==> flow/design.v <==
module my_arith_stage #(
  parameter integer DW = 5
) (
  input core_clk,
  input nrst,
  input [DW-1:0] src1_i,
  input [DW-1:0] src2_i,
  input minus_i,
  output [DW:0] result_o
);
  reg [DW-1:0] src1_q;
  always @(posedge core_clk) begin
    if (!nrst) begin
      src1_q <= 0;
    end else begin
      src1_q <= src1_i;
    end
  end
  reg [DW-1:0] src2_q;
  always @(posedge core_clk) begin
    if (!nrst) begin
      src2_q <= 0;
    end else begin
      src2_q <= src2_i;
    end
  end
  reg minus_q;
  always @(posedge core_clk) begin
    if (!nrst) begin
      minus_q <= 1'b0;
    end else begin
      minus_q <= minus_i;
    end
  end
  reg [DW:0] t_q;
  always @(posedge core_clk) begin
    if (!nrst) begin
      t_q <= 0;
    end else begin
      t_q <= src1_q + src2_q;
    end
  end
  reg [DW:0] aux_q;
  always @(posedge core_clk) begin
    if (!nrst) begin
      aux_q <= 0;
    end else begin
      aux_q <= src1_q - src2_q;
    end
  end
  reg minus_q_d;
  always @(posedge core_clk) begin
    if (!nrst) begin
      minus_q_d <= 1'b0;
    end else begin
      minus_q_d <= minus_q;
    end
  end
  reg [DW:0] result_q;
  always @(posedge core_clk) begin
    if (!nrst) begin
      result_q <= 0;
    end else begin
      result_q <= minus_q_d ? aux_q : t_q;
    end
  end
  assign result_o = result_q;
endmodule
From RTL to reports: my_arith_stage --
Module my_arith_stage in several versions that differ in "DW"; each step lists the members. The RTL above is that of DW = 5; lines are counted from 1 in the file of the member named. Cell names lack the library's common part. The mark -- stands for no value.
Set-up: top module my_arith_stage, clock core_clk, cell library sky130hd, corner tt_025C_1v80

Members of the sweep --
New or changed lines of each further member against the RTL above, in its own file; lines it lacks are not shown.
New or changed lines:
- DW 8 | line 2 | parameter integer DW = 8
- DW 10 | line 2 | parameter integer DW = 10
- DW 18 | line 2 | parameter integer DW = 18
- DW 80 | line 2 | parameter integer DW = 80
- DW 96 | line 2 | parameter integer DW = 96
- DW 112 | line 2 | parameter integer DW = 112

Word level --
Yosys after proc, flatten, opt, wreduce and memory -nomap, before mapping. Enables and synchronous resets that opt folds into registers are not counted as muxes. Memory bits, and registers merged into a memory's read port (data or address), are not among the register bits. Print and check cells are not counted. Equal cells are merged and count once.
Cells by class:
- DW 5 | add/subtract/negate cells 2, multiplexer cells 1
- DW 8 | add/subtract/negate cells 2, multiplexer cells 1
- DW 10 | add/subtract/negate cells 2, multiplexer cells 1
- DW 18 | add/subtract/negate cells 2, multiplexer cells 1
- DW 80 | add/subtract/negate cells 2, multiplexer cells 1
- DW 96 | add/subtract/negate cells 2, multiplexer cells 1
- DW 112 | add/subtract/negate cells 2, multiplexer cells 1
Operators by type and width (kinds with counts):
- DW 5 | 5-bit by 5-bit adder with 6-bit output (1); 5-bit by 5-bit subtractor with 6-bit output (1); 6-bit two-way mux (1)
- DW 8 | 8-bit by 8-bit adder with 9-bit output (1); 8-bit by 8-bit subtractor with 9-bit output (1); 9-bit two-way mux (1)
- DW 10 | 10-bit by 10-bit adder with 11-bit output (1); 10-bit by 10-bit subtractor with 11-bit output (1); 11-bit two-way mux (1)
- DW 18 | 18-bit by 18-bit adder with 19-bit output (1); 18-bit by 18-bit subtractor with 19-bit output (1); 19-bit two-way mux (1)
- DW 80 | 80-bit by 80-bit adder with 81-bit output (1); 80-bit by 80-bit subtractor with 81-bit output (1); 81-bit two-way mux (1)
- DW 96 | 96-bit by 96-bit adder with 97-bit output (1); 96-bit by 96-bit subtractor with 97-bit output (1); 97-bit two-way mux (1)
- DW 112 | 112-bit by 112-bit adder with 113-bit output (1); 112-bit by 112-bit subtractor with 113-bit output (1); 113-bit two-way mux (1)
Storage and ports:
- DW 5 | cells after elaboration 10, bits in registers 30, output and inout port bits 6
- DW 8 | cells after elaboration 10, bits in registers 45, output and inout port bits 9
- DW 10 | cells after elaboration 10, bits in registers 55, output and inout port bits 11
- DW 18 | cells after elaboration 10, bits in registers 95, output and inout port bits 19
- DW 80 | cells after elaboration 10, bits in registers 405, output and inout port bits 81
- DW 96 | cells after elaboration 10, bits in registers 485, output and inout port bits 97
- DW 112 | cells after elaboration 10, bits in registers 565, output and inout port bits 113

Longest topological paths --
Depth = most cells in a row (Yosys ltp): at word level without a register or memory, in the mapped netlist without a sequential cell, where the memories' decode and read muxes count.
Depth:
- DW 5 | depth after elaboration 1, ABC_AREA 0, gate-level depth with buffers 7, mapped depth without buffers 7
- DW 8 | depth after elaboration 1, ABC_AREA 0, gate-level depth with buffers 8, mapped depth without buffers 8
- DW 10 | depth after elaboration 1, ABC_AREA 0, gate-level depth with buffers 9, mapped depth without buffers 9
- DW 18 | depth after elaboration 1, ABC_AREA 0, gate-level depth with buffers 10, mapped depth without buffers 10
- DW 80 | depth after elaboration 1, ABC_AREA 0, gate-level depth with buffers 13, mapped depth without buffers 13
- DW 96 | depth after elaboration 1, ABC_AREA 0, gate-level depth with buffers 14, mapped depth without buffers 14
- DW 112 | depth after elaboration 1, ABC_AREA 0, gate-level depth with buffers 17, mapped depth without buffers 16

Synthesis result --
The flow's flattened synthesis, as Yosys stat reports it; memories are mapped. The netlist is that of the ABC_AREA named above (0 if unset); the other value can give another one. Totals and module areas in this step are rounded.
Synthesis totals:
- DW 5 | mapped area 1200 um^2, mapped cells 113, flip-flop cells 29
- DW 8 | mapped area 1930 um^2, mapped cells 200, flip-flop cells 44
- DW 10 | mapped area 2380 um^2, mapped cells 242, flip-flop cells 54
- DW 18 | mapped area 4550 um^2, mapped cells 485, flip-flop cells 94
- DW 80 | mapped area 21500 um^2, mapped cells 2555, flip-flop cells 404
- DW 96 | mapped area 25900 um^2, mapped cells 3124, flip-flop cells 484
- DW 112 | mapped area 30200 um^2, mapped cells 3614, flip-flop cells 564
Cells by type (type and count):
- DW 5 | dfxtp_1 (29); ha_1 (10); and2_1 (16); mux2i_1 (7); nor2b_1 (10); fa_1 (2); inv_1 (8); nor2_1 (6); o21ai_0 (4); xor2_1 (2); a21oi_1 (3); nand2b_1 (2); nor3b_2 (1); buf_6 (1); nor3_2 (1); a21o_2 (1); and3b_1 (1); xnor2_1 (1); [+8]
- DW 8 | dfxtp_1 (44); ha_1 (16); and2_1 (20); mux2i_1 (10); nor2_1 (23); inv_1 (17); a21oi_1 (9); fa_1 (2); nor4_1 (5); o21ai_0 (6); a221oi_4 (1); nand3_1 (4); clkbuf_1 (5); or3_1 (3); o2111ai_1 (2); xnor2_1 (2); a41oi_2 (1); a211oi_1 (2); [+28]
- DW 10 | dfxtp_1 (54); ha_1 (20); mux2i_1 (18); and2_1 (24); inv_1 (24); nor2_1 (23); o21ai_0 (10); xnor2_1 (5); nand2_1 (11); fa_1 (2); a21oi_1 (5); o21bai_1 (3); clkbuf_1 (5); a211o_1 (2); a221oi_1 (2); a21oi_4 (1); o41ai_2 (1); a221oi_2 (1); [+31]
- DW 18 | dfxtp_1 (94); ha_1 (36); and2_1 (58); mux2i_1 (27); nor2b_1 (25); a21oi_1 (31); inv_1 (34); xnor2_1 (14); nand2_1 (24); nor2_1 (18); o21ai_0 (13); clkbuf_1 (14); nand2b_1 (8); fa_1 (2); nor3_1 (8); a21o_1 (5); o211ai_1 (5); o31ai_1 (5); [+64]
- DW 80 | dfxtp_1 (404); ha_1 (160); nor2_1 (326); a21oi_1 (239); and2_1 (167); mux2i_1 (94); xnor2_1 (107); inv_1 (173); o21ai_0 (113); o21bai_1 (60); nand2_1 (105); clkbuf_1 (80); a21o_1 (31); o31ai_1 (31); nand4_1 (36); nor3_1 (45); nor4_1 (35); nand3_1 (37); [+312]
- DW 96 | dfxtp_1 (484); ha_1 (192); nor2_1 (418); a21oi_1 (274); xnor2_1 (153); and2_1 (209); mux2i_1 (107); inv_1 (214); o21ai_0 (131); nand2_1 (153); o21bai_1 (55); clkbuf_1 (105); nor4_1 (57); o31ai_1 (42); nand4_1 (50); nor3_1 (49); a21o_1 (31); nor2b_1 (37); [+363]
- DW 112 | dfxtp_1 (564); ha_1 (224); nor2_1 (533); xnor2_1 (199); a21oi_1 (323); and2_1 (243); mux2i_1 (114); inv_1 (240); o21ai_0 (130); nand2_1 (144); o21bai_1 (66); clkbuf_1 (119); o31ai_1 (52); nand4_1 (61); nor4_1 (53); a21o_1 (41); nor3_1 (59); o21a_1 (27); [+422]
A list marked [+n] leaves out that many cells.

Worst setup path after synthesis --
Source: OpenSTA report_checks on the synthesized netlist (no wires, ideal clock, input and output delay 20% of the period each), path of least setup slack; recovery checks are left aside. Register names are those of the netlist, which keeps one name where synthesis merged equal registers.
Timing post-synthesis:
- DW 5 | path type reg-to-reg, start point register src1_q[0], end point register aux_q[4], clock period 1750 ps, path slack 352 ps, stages on the path 8, delay of the path 1398 ps, period reached after synthesis 1398 ps
- DW 8 | path type reg-to-reg, start point register src1_q[0], end point register t_q[8], clock period 2330 ps, path slack 463 ps, stages on the path 8, delay of the path 1867 ps, period reached after synthesis 1867 ps
- DW 10 | path type reg-to-reg, start point register src1_q[0], end point register aux_q[8], clock period 2300 ps, path slack 458 ps, stages on the path 10, delay of the path 1842 ps, period reached after synthesis 1842 ps
- DW 18 | path type reg-to-reg, start point register src1_q[0], end point register aux_q[10], clock period 2730 ps, path slack 548 ps, stages on the path 11, delay of the path 2182 ps, period reached after synthesis 2182 ps
- DW 80 | path type reg-to-reg, start point register src1_q[0], end point register aux_q[62], clock period 3730 ps, path slack 744 ps, stages on the path 14, delay of the path 2986 ps, period reached after synthesis 2986 ps
- DW 96 | path type reg-to-reg, start point register src1_q[0], end point register aux_q[90], clock period 3900 ps, path slack 778 ps, stages on the path 15, delay of the path 3122 ps, period reached after synthesis 3122 ps
- DW 112 | path type reg-to-reg, start point register src1_q[0], end point register aux_q[110], clock period 4150 ps, path slack 834 ps, stages on the path 17, delay of the path 3316 ps, period reached after synthesis 3316 ps
"delay of the path" is the arrival time less input delay plus setup time. "stages on the path" counts driving pins, that of a launching flip-flop among them; a cell with two outputs on the path counts twice. "period reached after synthesis" = period - worst setup slack (recovery checks aside). The figure is calculated, with input and output delays left at 20% of the set period. The rows between start and end are the longest chain of elaborated cells between them; the timing report does not say that the signal goes this way. Where chains are equally long, one stands for them. Each line given opens the expression or statement behind the cell; cells for indexed reads and writes are added by Yosys, which also makes memories of some case tables.
On the way, post-synthesis, DW = 5: cells in the longest elaborated chain 1
RTL lines, path post-synthesis, DW = 5:
- start: declaration | line 11 | reg [DW-1:0] src1_q;
- start: assignment | line 14 | src1_q <= 0;
- start: assignment | line 16 | src1_q <= src1_i;
- 5-bit by 5-bit subtractor with 6-bit output | line 48 | aux_q <= src1_q - src2_q;
- end: assignment | line 46 | aux_q <= 0;
- end: assignment | line 48
- end: declaration | line 43 | reg [DW:0] aux_q;
On the way, post-synthesis, DW = 112: cells in the longest elaborated chain 1
RTL lines, path post-synthesis, DW = 112:
- start: declaration | line 11 | reg [DW-1:0] src1_q;
- start: assignment | line 14 | src1_q <= 0;
- start: assignment | line 16 | src1_q <= src1_i;
- 112-bit by 112-bit subtractor with 113-bit output | line 48 | aux_q <= src1_q - src2_q;
- end: assignment | line 46 | aux_q <= 0;
- end: assignment | line 48
- end: declaration | line 43 | reg [DW:0] aux_q;

Worst path after layout --
Path of least setup slack in the final report of each member's run (OpenROAD, finished layout, wires in). Where an end is a register, its clock arrival counts in the times. The path's times are printed in steps of 10 ps; the period is the one set.
Timing after layout:
- DW 5 | path type reg-to-reg, start point register src1_q[0], end point register t_q[4], data arrival time 1840 ps, path slack 180 ps, clock period 1750 ps, stages on the path 8
- DW 8 | path type reg-to-reg, start point register src1_q[0], end point register t_q[8], data arrival time 2210 ps, path slack 290 ps, clock period 2330 ps, stages on the path 8
- DW 10 | path type reg-to-reg, start point register src1_q[0], end point register aux_q[10], data arrival time 2220 ps, path slack 330 ps, clock period 2300 ps, stages on the path 10
- DW 18 | path type reg-to-reg, start point register src2_q[4], end point register t_q[12], data arrival time 2730 ps, path slack 230 ps, clock period 2730 ps, stages on the path 9
- DW 80 | path type reg-to-reg, start point register src2_q[16], end point register t_q[69], data arrival time 4150 ps, path slack 100 ps, clock period 3730 ps, stages on the path 16
- DW 96 | path type reg-to-reg, start point register src2_q[29], end point register t_q[68], data arrival time 4240 ps, path slack 130 ps, clock period 3900 ps, stages on the path 17
- DW 112 | path type reg-to-reg, start point register src2_q[14], end point register t_q[108], data arrival time 4580 ps, path slack 80 ps, clock period 4150 ps, stages on the path 16

Layout results --
Settings and results of one run of the flow (Yosys, OpenROAD) for each member follow. The constraints put input and output delay at 20% of the set period each and load the outputs with 0.01 pF.
Flow settings: CAP_MARGIN 20, CORE_MARGIN 2, CORE_UTILIZATION 40, SLEW_MARGIN 20
Settings by member (period_ns):
- DW 5 | 1.75
- DW 8 | 2.33
- DW 10 | 2.3
- DW 18 | 2.73
- DW 80 | 3.73
- DW 96 | 3.9
- DW 112 | 4.15
Final reports:
- DW 5 | achieved clock period 1572 ps, worst hold slack in the final report 435 ps, overall die area 3440 um^2, final design utilization 52.2%, standard-cell area after routing 1460 um^2, lowest setup slack 178 ps, mapped cell area after synthesis 1200 um^2, total power after layout 1350 uW, total negative slack on setup checks 0 ps
- DW 8 | achieved clock period 2044 ps, worst hold slack in the final report 440 ps, overall die area 5400 um^2, final design utilization 50.1%, standard-cell area after routing 2350 um^2, lowest setup slack 286 ps, mapped cell area after synthesis 1930 um^2, total power after layout 1650 uW, total negative slack on setup checks 0 ps
- DW 10 | achieved clock period 1971 ps, worst hold slack in the final report 440 ps, overall die area 6590 um^2, final design utilization 49.4%, standard-cell area after routing 2890 um^2, lowest setup slack 329 ps, mapped cell area after synthesis 2380 um^2, total power after layout 1910 uW, total negative slack on setup checks 0 ps
- DW 18 | achieved clock period 2496 ps, worst hold slack in the final report 433 ps, overall die area 12200 um^2, final design utilization 50.3%, standard-cell area after routing 5520 um^2, lowest setup slack 234 ps, mapped cell area after synthesis 4550 um^2, total power after layout 3410 uW, total negative slack on setup checks 0 ps
- DW 80 | achieved clock period 3634 ps, worst hold slack in the final report 438 ps, overall die area 55600 um^2, final design utilization 51.0%, standard-cell area after routing 26900 um^2, lowest setup slack 96 ps, mapped cell area after synthesis 21500 um^2, total power after layout 12100 uW, total negative slack on setup checks 0 ps
- DW 96 | achieved clock period 3774 ps, worst hold slack in the final report 450 ps, overall die area 66800 um^2, final design utilization 51.1%, standard-cell area after routing 32900 um^2, lowest setup slack 126 ps, mapped cell area after synthesis 25900 um^2, total power after layout 13900 uW, total negative slack on setup checks 0 ps
- DW 112 | achieved clock period 4067 ps, worst hold slack in the final report 445 ps, overall die area 77800 um^2, final design utilization 50.6%, standard-cell area after routing 37800 um^2, lowest setup slack 83 ps, mapped cell area after synthesis 30200 um^2, total power after layout 15500 uW, total negative slack on setup checks 0 ps
By "achieved clock period" is meant the clock period of the run minus its worst setup slack. This is arithmetic on one report: input and output delays are still those of the set period (20% each). "total power after layout" is the tool's figure for a default switching activity; nothing was simulated. Results are given in rounded form.
